==> flow/design.v <==
module dp_times_p (aclk, i_rst_n, da, db, prod);
    parameter DATA_W = 12;
    parameter COUNT = 4;
    localparam SUM_W = 2*DATA_W + $clog2(COUNT);
    input aclk;
    input i_rst_n;
    input [COUNT*DATA_W-1:0] da;
    input [COUNT*DATA_W-1:0] db;
    output [SUM_W-1:0] prod;
    reg [COUNT*DATA_W-1:0] da_ff;
    reg [COUNT*DATA_W-1:0] db_ff;
    reg [SUM_W-1:0] t;
    integer k;
    always @* begin
        t = 0;
        for (k = 0; k < COUNT; k = k + 1)
            t = t + da_ff[k*DATA_W +: DATA_W] * db_ff[k*DATA_W +: DATA_W];
    end
    assign prod = t;
    always @(posedge aclk or negedge i_rst_n) begin
        if (!i_rst_n) begin
            da_ff <= 0;
            db_ff <= 0;
        end else begin
            da_ff <= da;
            db_ff <= db;
        end
    end
endmodule
* Reports on dp_times_p
Tool output for the design above, in the order of the flow.
Line numbers count from 1 in the design file above.
Operators carry their Yosys type and port widths (W data, S select, Z words).
Library cell names are shortened.
A cell with - has no value.
- Design top :: dp_times_p
- Clock input :: aclk
- Library :: sky130hd
- Library corner :: tt_025C_1v80

* Word-level counts
Yosys after proc, flatten, opt, wreduce and memory -nomap, before mapping. Enables and synchronous resets that opt folds into registers are not counted as muxes. Memory bits, and registers merged into a memory's read port (data or address), are not among the register bits. Print and check cells are not counted. Equal cells are merged and count once.
- Muxes and demuxes :: 0
- Shift operators :: 0
- Divide/modulo/power cells :: 0
- $lt $le $gt $ge :: 0
- Multipliers :: 4
- Add/sub/neg operators :: 3
- Reductions and logical operators :: 0
- Bitwise logic cells :: 0
- Equality and inequality tests :: 0
** Operators with widths (number)
- $mul A12 B12 Y24 :: 4
- $add A25 B24 Y26 :: 1
- $add A26 B24 Y26 :: 1
- $add A24 B24 Y25 :: 1
- Memory bits (read-only) :: 0
- Input port bits :: 98
- Bits in latches :: 0
- Register bits :: 96
- Memories kept :: 0
- Output and inout bits :: 26
- Bits in writable memories :: 0
- Clocked read ports x word width :: 0

* Logic depth
Longest topological path by Yosys (ltp), each cell counted once; first at word level (registers and memories cut), then after technology mapping (sequential cells cut; the memories' decode and read muxes count).
- Depth in word-level cells :: 4
- ABC_AREA :: 0
- Mapped depth :: 28
- Gate-level depth less buffers :: 26

* Netlist
Source: synth_stat.txt of the flow (Yosys; design flattened, memories mapped). It holds for the ABC_AREA given above (unset counts as 0); a run with the other value may have another netlist.
- Mapped cells :: 2334
- Sequential area :: 2402.3 um^2
- Mapped area :: 22420.3 um^2
- Flip-flops :: 96
- Buffers :: 99
** Cell types (number)
- fa_1 :: 529
- ha_1 :: 217
- inv_1 :: 676
- dfrtp_1 :: 96
- and2_1 :: 295
- nand2_1 :: 299
- clkbuf_1 :: 98
- xnor2_1 :: 17
- a21oi_1 :: 24
- o21ai_0 :: 12
- a21o_1 :: 7
- xor2_1 :: 6
- and3_4 :: 3
- nor2_1 :: 9
- nor2b_1 :: 5
- nor3_1 :: 6
- o2111ai_1 :: 3
- o21bai_1 :: 3
Other cell types: 22; their cells: 29.

* Timing after synthesis
OpenSTA on the mapped netlist: ideal clock, no wires. The path of least setup slack (recovery checks aside). Input and output delay are each 20% of the period. Register names are those of the netlist, which keeps one name where synthesis merged equal registers.
- Path kind :: reg-to-output
- From :: register da_ff[43]
- To :: output prod[18]
- Arrival :: 7.093 ns
- Delay of the path :: 7.093 ns
- Path slack :: 1.787 ns
- Buffers on the path :: 1
- Clock period :: 11.1 ns
- Time at the first pin :: 0.000 ns
- External output delay :: 2.220 ns
- Required time :: 8.880 ns
- Stages :: 25
- Synthesis period reached :: 9.313 ns
"delay of the path" = arrival - input delay + setup time.
A path that ends at an output port has no setup time.
"stages" counts driving pins, that of a launching flip-flop among them; a cell with two outputs on the path counts twice.
"synthesis period reached" is the clock period less the worst setup slack; recovery checks do not enter. This is arithmetic on one report: input and output delays are still those of the set period (20% each).
The rows between start and end are the longest chain of elaborated cells between them; the timing report does not say that the signal goes this way. Where chains are equally long, one stands for them.
A line is the first line of the expression or statement that the cell stems from. Yosys adds cells for indexed reads and writes and turns some case tables into memories.
- Cells stage by stage :: dfrtp_1 clkbuf_1 and2_1 fa_1 inv_1 fa_1 inv_1 fa_1 inv_1 fa_1 inv_1 fa_1 inv_1 fa_1 fa_1 fa_1 fa_1 inv_1 ha_1 and3_4 and3_4 a211oi_4 a21oi_2 or4b_1 nand3_1
- Cells in the longest elaborated chain :: 2
** Ends and longest elaborated chain, after synthesis
- start: declaration :: RTL line 10 : reg [COUNT*DATA_W-1:0] da_ff;
- start: assignment :: RTL line 22 : da_ff <= 0;
- start: assignment :: RTL line 25 : da_ff <= da;
- $mul A12 B12 Y24 :: RTL line 17 : t = t + da_ff[k*DATA_W +: DATA_W] * db_ff[k*DATA_W +: DATA_W];
- $add A26 B24 Y26 :: RTL line 17
- end: declaration :: RTL line 9 : output [SUM_W-1:0] prod;

* Timing after layout
Path of least setup slack in the final report of run A (OpenROAD, finished layout, wires in). Where an end is a register, its clock arrival counts in the times.
- Path kind :: reg-to-output
- From :: register db_ff[39]
- To :: output prod[21]
- Stages :: 22
- Required time :: 8.88 ns
- External output delay :: 2.22 ns
- Time at the first pin :: 0.40 ns
- Path slack :: 0.30 ns
- Arrival :: 8.58 ns
- Clock period :: 11.1 ns
- Buffers on the path :: 1
The rows between start and end are the longest chain of elaborated cells between them; the timing report does not say that the signal goes this way. Where chains are equally long, one stands for them.
- Cells stage by stage :: dfrtp_1 and2_1 fa_1 inv_1 fa_1 fa_1 fa_1 fa_1 inv_1 fa_1 fa_1 inv_1 fa_1 inv_1 fa_1 ha_1 o2111ai_1 a2111o_1 nand4b_1 a31oi_1 xnor2_1 clkdlybuf4s50_1
- Cells in the longest elaborated chain :: 2
** Ends and longest elaborated chain, post-layout
- start: declaration :: RTL line 11 : reg [COUNT*DATA_W-1:0] db_ff;
- start: assignment :: RTL line 23 : db_ff <= 0;
- start: assignment :: RTL line 26 : db_ff <= db;
- $mul A12 B12 Y24 :: RTL line 17 : t = t + da_ff[k*DATA_W +: DATA_W] * db_ff[k*DATA_W +: DATA_W];
- $add A26 B24 Y26 :: RTL line 17
- end: declaration :: RTL line 9 : output [SUM_W-1:0] prod;

==> results <==
dp_times_p through Yosys and OpenROAD on sky130hd: 2 stored runs, unordered, with their settings and measured results. The constraints put input and output delay at 20% of the set period each and load the outputs with 0.01 pF.
By "achieved period" is meant the clock period of the run minus its worst setup slack. This is arithmetic on one report: input and output delays are still those of the set period (20% each).
"time of the worst setup path": the worst setup path's part of the clock period (all of it between registers, 20% less for each end at a port) less its slack. A launch clock that arrives late makes it longer, a capture clock that arrives late makes it shorter.

** Run A
- Settings :: period_ns=11.1; CAP_MARGIN=20; CORE_MARGIN=2; CORE_UTILIZATION=40; SLEW_MARGIN=20
- Synthesis area :: 22420.3 um^2
- Full die area :: 57960.6 um^2
- Standard-cell area after routing :: 24622.4 um^2
- Utilization :: 0.445
- Worst setup slack after layout :: 0.298 ns
- Total negative slack on setup checks :: 0.000 ns
- Achieved period :: 10.802 ns
- Time of the worst setup path :: 8.58 ns
- Type of the worst setup path :: reg-to-output

** Run B
- Settings :: period_ns=10.7; CORE_UTILIZATION=69; PLACE_DENSITY=0.45; CELL_PAD_IN_SITES_DETAIL_PLACEMENT=2; TNS_END_PERCENT=35; GPL_TIMING_DRIVEN=1; CAP_MARGIN=30; SLEW_MARGIN=40; MAX_ROUTING_LAYER=met5; CORE_MARGIN=2
- Outcome :: did not finish, placement stopped with a tool error
